==> flow/design.v <==
module my_mpy (aclk, a, b, m);
    parameter DATA_W = 22;
    input aclk;
    input [DATA_W-1:0] a;
    input [DATA_W-1:0] b;
    output [2*DATA_W-1:0] m;
    reg [DATA_W-1:0] a_q;
    reg [DATA_W-1:0] b_q;
    always @(posedge aclk) begin
        a_q <= a;
        b_q <= b;
    end
    assign m = a_q * b_q;
endmodule
# Tool chain data of my_mpy
# Tool output for the design above, in the order of the flow.
# Line numbers count from 1 in the design file above.
# Operators carry their Yosys type and port widths (W data, S select, Z words).
# Cell names lack the library's common part.
# Not given: -
[setup] design="my_mpy" clk_port="aclk" lib="sky130hd" pvt_corner="tt_025C_1v80"

# Elaborated design
# Source: Yosys, flattened and elaborated, memories not mapped. Widths are those after wreduce; folded enables and synchronous resets count as part of the registers. Registers that Yosys merges into a memory's read port (data or address) are not register bits. Print and check cells do not count. Equal cells are merged and count once.
[bits] register_bits=44 output_inout_bits=44 wordCells=3
[classes] n_mul=1
[op_table] operator="$mul A22 B22 Y44" n=1

# Longest topological paths
# Depth = most cells in a row (Yosys ltp): at word level without a register or memory, in the mapped netlist without a sequential cell, where the memories' decode and read muxes count.
[logic_depth] ltp_word=1 ABC_AREA=0 ltp_mapped=25 mapped_depth_nobuf=23

# Synthesis result
# Source: synth_stat.txt of the flow (Yosys; design flattened, memories mapped). It holds for the ABC_AREA given above (unset counts as 0); a run with the other value may have another netlist.
# The area totals of this step are shown rounded.
[mapped] cells=1806 yosys_area_um2=16500 seq_area_um2=881 flip_flops=44 n_buf=99
[by_type] cell_type="fa_1" n=397 area_total_um2=7.95E+03
[by_type] cell_type="ha_1" n=159 area_total_um2=1.99E+03
[by_type] cell_type="and2_1" n=229 area_total_um2=1.43E+03
[by_type] cell_type="inv_1" n=374 area_total_um2=1.4E+03
[by_type] cell_type="nand2_1" n=281 area_total_um2=1.05E+03
[by_type] cell_type="dfxtp_1" n=44 area_total_um2=880.845
[by_type] cell_type="clkbuf_1" n=99 area_total_um2=371.606
[by_type] cell_type="xnor2_1" n=29 area_total_um2=253.994
[by_type] cell_type="a21o_1" n=27 area_total_um2=202.694
[by_type] cell_type="a21oi_1" n=38 area_total_um2=190.182
[by_type] cell_type="xor2_1" n=11 area_total_um2=96.342
[by_type] cell_type="o21ai_0" n=18 area_total_um2=90.086
[by_type] cell_type="nor2_1" n=22 area_total_um2=82.579
[by_type] cell_type="a31oi_1" n=9 area_total_um2=56.304
[by_type] cell_type="nand4_1" n=7 area_total_um2=43.792
[by_type] cell_type="nand3_1" n=7 area_total_um2=35.034
[by_type] cell_type="o21a_1" n=4 area_total_um2=30.029
[by_type] cell_type="o21bai_1" n=4 area_total_um2=30.029
# Other cell types: 26; their cells: 47.

# Path before layout
# OpenSTA on the mapped netlist: ideal clock, no wires. The path of least setup slack (recovery checks aside). Input and output delay are each 20% of the period. Register names are those of the netlist, which keeps one name where synthesis merged equal registers.
[synth_path] path_type="reg2out" from="reg b_q[1]" to="out m[41]" clock_period_ns=10.4 out_delay_ns=2.080 t_first_pin_ns=0.000 arrival_ns=6.645 slack_ns=1.675 path_delay_ns=6.645 driving_pins=23 path_buffers=1 period_less_setup_slack_ns=8.725
# "path_delay_ns" = arrival - input delay + setup time.
# A path that ends at an output port has no setup time.
# "driving_pins": output pins that drive a net of the path, with the launching flip-flop's if there is one; two outputs of one cell count as two.
# "period_less_setup_slack_ns" is the clock period less the worst setup slack; recovery checks do not enter. This is arithmetic on one report: input and output delays are still those of the set period (20% each).
# Between the ends stands the longest chain of elaborated cells between them, by number of cells; it is not shown to be the way that was timed. Of several equally long chains one is given.
# A line is the first line of the expression or statement that the cell stems from. Yosys adds cells for indexed reads and writes and turns some case tables into memories.
[synth_between] path_cell_list="dfxtp_1 clkbuf_1 nand2_1 fa_1 fa_1 fa_1 inv_1 fa_1 inv_1 fa_1 inv_1 fa_1 fa_1 ha_1 nand2_1 or3_1 o211ai_1 o311a_1 o31a_1 a311o_2 a311o_1 a21oi_2 xnor2_1" elab_chain_len=1 cells_between=1 cone_lines=1 classes_between="mul (1)"
[synth_lines] item="start: declaration" line_no=8 rtl="reg [DATA_W-1:0] b_q;"
[synth_lines] item="start: assignment" line_no=11 rtl="b_q <= b;"
[synth_lines] item="$mul A22 B22 Y44" line_no=13 rtl="assign m = a_q * b_q;"
[synth_lines] item="end: declaration" line_no=6 rtl="output [2*DATA_W-1:0] m;"

# Timing after layout
# Path of least setup slack in the final report of run 1 (OpenROAD, finished layout, wires in). Where an end is a register, its clock arrival counts in the times.
[layout_path] path_type="reg2out" from="reg a_q[10]" to="out m[40]" clock_period_ns=10.4 out_delay_ns=2.08 t_first_pin_ns=0.33 arrival_ns=7.98 slack_ns=0.34 driving_pins=23 path_buffers=2
# Between the ends stands the longest chain of elaborated cells between them, by number of cells; it is not shown to be the way that was timed. Of several equally long chains one is given.
[layout_between] path_cell_list="dfxtp_1 buf_4 and2_1 fa_1 inv_1 fa_1 fa_1 fa_1 inv_1 fa_1 fa_1 fa_1 ha_2 a21oi_1 o21bai_1 a21o_1 a221oi_1 a31oi_1 o22ai_1 o21ai_1 a31oi_1 xnor2_1 clkdlybuf4s50_1" elab_chain_len=1 cells_between=1 cone_lines=1 classes_between="mul (1)"
[layout_lines] item="start: declaration" line_no=7 rtl="reg [DATA_W-1:0] a_q;"
[layout_lines] item="start: assignment" line_no=10 rtl="a_q <= a;"
[layout_lines] item="$mul A22 B22 Y44" line_no=13 rtl="assign m = a_q * b_q;"
[layout_lines] item="end: declaration" line_no=6 rtl="output [2*DATA_W-1:0] m;"

==> runs of my_mpy <==
Design my_mpy on sky130hd. What follows are 3 stored runs of the flow, each under its own settings; their order means nothing. The constraints put input and output delay at 20% of the set period each and load the outputs with 0.01 pF.
By "achieved clock period" is meant the clock period of the run minus its worst setup slack. This is arithmetic on one report: input and output delays are still those of the set period (20% each).
"worst setup path time": the worst setup path's part of the clock period (all of it between registers, 20% less for each end at a port) less its slack. A launch clock that arrives late makes it longer, a capture clock that arrives late makes it shorter.
Results are given in rounded form.
[run 1] settings: period_ns=10.4, CAP_MARGIN=20, CORE_MARGIN=2, CORE_UTILIZATION=40, SLEW_MARGIN=20
[run 1] result: chip area after synthesis (Yosys) 16500 um2, die area 43000 um2, standard-cell area of the final layout 18300 um2, utilization 44.8%, worst setup slack after layout 0.342 ns, total negative slack 0.000 ns, worst hold slack 2.15 ns, achieved clock period 10.058 ns, worst setup path time 7.98 ns, worst setup path kind reg2out
[run 2] settings: period_ns=9.72, CORE_UTILIZATION=38, HOLD_SLACK_MARGIN=0.26, GPL_ROUTABILITY_DRIVEN=0, CAP_MARGIN=20, CORE_MARGIN=2, SLEW_MARGIN=20
[run 2] result: chip area after synthesis (Yosys) 16500 um2, die area 45200 um2, standard-cell area of the final layout 18700 um2, utilization 43.6%, worst setup slack after layout 0.277 ns, total negative slack 0.000 ns, worst hold slack 2.03 ns, achieved clock period 9.443 ns, worst setup path time 7.50 ns, worst setup path kind reg2out
[run 3] settings: period_ns=9.82, CORE_UTILIZATION=54, PLACE_DENSITY_LB_ADDON=0.15, HOLD_SLACK_MARGIN=0.24, ABC_AREA=0, GPL_TIMING_DRIVEN=1, CAP_MARGIN=20, MAX_ROUTING_LAYER=met5, CORE_MARGIN=2, SLEW_MARGIN=20
[run 3] result: chip area after synthesis (Yosys) 16500 um2, die area 32000 um2, standard-cell area of the final layout 18200 um2, utilization 60.1%, worst setup slack after layout 0.278 ns, total negative slack 0.000 ns, worst hold slack 2.07 ns, achieved clock period 9.542 ns, worst setup path time 7.58 ns, worst setup path kind reg2out
